==> flow/design.v <==
module cpu_chooser_p #(
  parameter DWIDTH = 3,
  parameter N = 12,
  parameter LG = $clog2(N)
) (
  input wire core_clk,
  input wire rst,
  input wire [N*DWIDTH-1:0] val_in,
  input wire [LG-1:0] select_in,
  output reg [DWIDTH-1:0] res_out
);
  wire [N*DWIDTH-1:0] cur;
  assign cur = val_in >> (select_in * DWIDTH);
  always @(posedge core_clk) begin
    if (rst) begin
      res_out <= 0;
    end else begin
      res_out <= cur[DWIDTH-1:0];
    end
  end
endmodule
-- Tool chain data of cpu_chooser_p
What the tools print for cpu_chooser_p, step after step.
Line numbers count from 1 in the design file above.
Cell names lack the library's common part.
A cell with n/a has no value.
- design top: cpu_chooser_p
- clock: core_clk
- library: sky130hd
- timing corner: tt_025C_1v80

-- After elaboration
Counts by Yosys on the flattened word-level netlist (proc, flatten, opt, wreduce; memories kept). Register bits leave out memories and registers merged into their read ports (data or address); mux counts leave out enables and synchronous resets folded into registers. Print and check cells are left out. Cells with the same type and inputs are merged into one.
- noted add/subtract/negate cells: 0
- noted eq/ne operators: 0
- bitwise operators: 0
- noted magnitude comparators: 0
- multiplexer cells: 0
- reductions and logical operators at 0
- shift operators: 1
- div/mod/pow operators at 0
- multiply operators: 1
- operator list (kind ; count):
    >> shifter 36 x 6 -> 3 bit ; 1
    multiplier 4 x 2 -> 6 bit (second input constant) ; 1
- register bits: 3
- noted elaborated cells: 3
- output and inout port bits: 3
- bits of input ports: 42
- memories kept: 0
- latch bits at 0
- noted word width x clocked read ports: 0
- RAM bits: 0
- noted bits in read-only memories: 0

-- Depth
Longest topological path by Yosys (ltp), each cell counted once; first at word level (registers and memories cut), then after technology mapping (sequential cells cut; the memories' decode and read muxes count).
- depth in word-level cells: 2
- ABC_AREA: 0
- noted depth in mapped cells: 5
- noted mapped depth without buffers: 3

-- After synthesis
Yosys stat after the flow's synthesis: flattened, memories mapped to cells. It holds for the ABC_AREA given above (unset counts as 0); a run with the other value may have another netlist.
Totals and module areas in this step are rounded.
- noted chip area (Yosys): 419 µm²
- flip-flop cells at 3
- cell count: 38
- buffer cells: 2
- noted sequential part of the area: 60.1 µm²
- cells by type (type ; count):
    mux4_1 ; 3
    mux2_1 ; 6
    dfxtp_1 ; 3
    mux2_2 ; 5
    o22ai_1 ; 6
    o31ai_1 ; 3
    buf_12 ; 1
    mux2_4 ; 1
    nand2_1 ; 4
    or2b_1 ; 2
    or2_2 ; 2
    buf_6 ; 1
    nor3b_1 ; 1

-- Worst setup path after synthesis
OpenSTA on the mapped netlist: ideal clock, no wires. The path of least setup slack (recovery checks aside). Input and output delay are each 20% of the period. Register names are those of the netlist, which keeps one name where synthesis merged equal registers.
- kind: input port to flip-flop
- start point: in select_in[0]
- end point: reg res_out[1]
- period: 1370 ps
- path buffers: 1
- launch time at the first pin at 274 ps
- driving pins on the path: 4
- input delay at 274 ps
- required time at 1251 ps
- noted path delay: 879 ps
- noted arrival: 1034 ps
- library setup time at 119 ps
- path slack: 216 ps
- noted period reached after synthesis: 1154 ps
"path delay" = arrival - input delay + setup time.
"driving pins on the path": output pins that drive a net of the path, with the launching flip-flop's if there is one; two outputs of one cell count as two.
"period reached after synthesis" is the clock period less the worst setup slack; recovery checks do not enter. This is arithmetic on one report: input and output delays are still those of the set period (20% each).
The rows between start and end are the longest chain of elaborated cells between them; the timing report does not say that the signal goes this way. Where chains are equally long, one stands for them.
Each line given opens the expression or statement behind the cell; cells for indexed reads and writes are added by Yosys, which also makes memories of some case tables.
- cell sequence: buf_6 -> mux4_1 -> nand2_1 -> o31ai_1
- cells in the longest elaborated chain at 2
- RTL lines, path post-synthesis (item ; line ; RTL):
    from (decl) ; 9 ; input wire [LG-1:0] select_in,
    multiplier 4 x 2 -> 6 bit ; 13 ; assign cur = val_in >> (select_in * DWIDTH);
    >> shifter 36 x 6 -> 3 bit ; 13 ;
    to (assign) ; 16 ; res_out <= 0;
    to (assign) ; 18 ; res_out <= cur[DWIDTH-1:0];
    to (decl) ; 10 ; output reg [DWIDTH-1:0] res_out

-- Path in the finished layout
From the final timing report of flow run 3: the path of least setup slack in the routed layout; clock arrival at registers is part of the times.
The path's times are printed in steps of 10 ps; the period is the one set.
- kind: input port to flip-flop
- start point: in select_in[0]
- end point: reg res_out[1]
- launch time at the first pin at 270 ps
- path slack: 0 ps
- period: 1370 ps
- path buffers: 3
- noted arrival: 1470 ps
- input delay at 270 ps
- required time at 1470 ps
- driving pins on the path: 6
- library setup time at 120 ps
The rows between start and end are the longest chain of elaborated cells between them; the timing report does not say that the signal goes this way. Where chains are equally long, one stands for them.
- cell sequence: dlygate4sd2_1 -> buf_6 -> buf_4 -> mux2_1 -> o22ai_1 -> o31ai_1
- cells in the longest elaborated chain at 2
- RTL lines, path post-layout (item ; line ; RTL):
    from (decl) ; 9 ; input wire [LG-1:0] select_in,
    multiplier 4 x 2 -> 6 bit ; 13 ; assign cur = val_in >> (select_in * DWIDTH);
    >> shifter 36 x 6 -> 3 bit ; 13 ;
    to (assign) ; 16 ; res_out <= 0;
    to (assign) ; 18 ; res_out <= cur[DWIDTH-1:0];
    to (decl) ; 10 ; output reg [DWIDTH-1:0] res_out

==> runs of cpu_chooser_p <==
Module cpu_chooser_p, platform sky130hd: 3 stored runs of the flow (Yosys, OpenROAD) with differing settings, in no particular order. Input and output delays are each 20% of the period that was set; the output load is 0.01 pF.
"clock period reached": clock period set for the run, less the worst setup slack. It is reckoned from that one timing run; input and output delays stay at 20% of the period that was set.
"allowed time less slack (worst setup path)" means the part of the period allowed to the worst setup path (the constraints hold back 20% at inputs and 20% at outputs) less its slack; where the path has registers, the arrival times of their clocks count too.
"total design power": no workload was simulated; the value follows from the tool's default switching activity.
"allowed time less slack (worst setup path)" is given in steps of 10 ps.
The measured numbers are rounded.

Flow run 1
Settings were period_ns = 0.82; CORE_UTILIZATION = 43; PLACE_DENSITY = 0.89; CORE_ASPECT_RATIO = 0.84; CORE_MARGIN = 5; CAP_MARGIN = 40; MAX_ROUTING_LAYER = met4; SLEW_MARGIN = 20
- incomplete, floorplanning halted on PDN-0185

Flow run 2
Settings were period_ns = 1.34; CORE_UTILIZATION = 37; PLACE_DENSITY_LB_ADDON = 0.17; CORE_ASPECT_RATIO = 0.53; CORE_MARGIN = 6; CELL_PAD_IN_SITES_DETAIL_PLACEMENT = 0; TNS_END_PERCENT = 65; CTS_CLUSTER_DIAMETER = 367; CAP_MARGIN = 25; MIN_ROUTING_LAYER = met2; SLEW_MARGIN = 20
- incomplete, floorplanning halted on PDN-0185

Flow run 3
Settings were period_ns = 1.37; CAP_MARGIN = 20; CORE_MARGIN = 2; CORE_UTILIZATION = 40; SLEW_MARGIN = 20
- noted the Yosys chip area after synthesis: 419 µm²
- die outline area: 1,320 µm²
- standard-cell area of the final layout at 921 µm²
- final design utilization at 0.97
- setup slack of the worst path: 3 ps
- setup total negative slack at 0 ps
- noted the worst hold slack in the final report: 555 ps
- total design power at 492 µW
- clock period reached: 1,367 ps
- allowed time less slack (worst setup path): 1,090 ps
- critical path type: input port to flip-flop
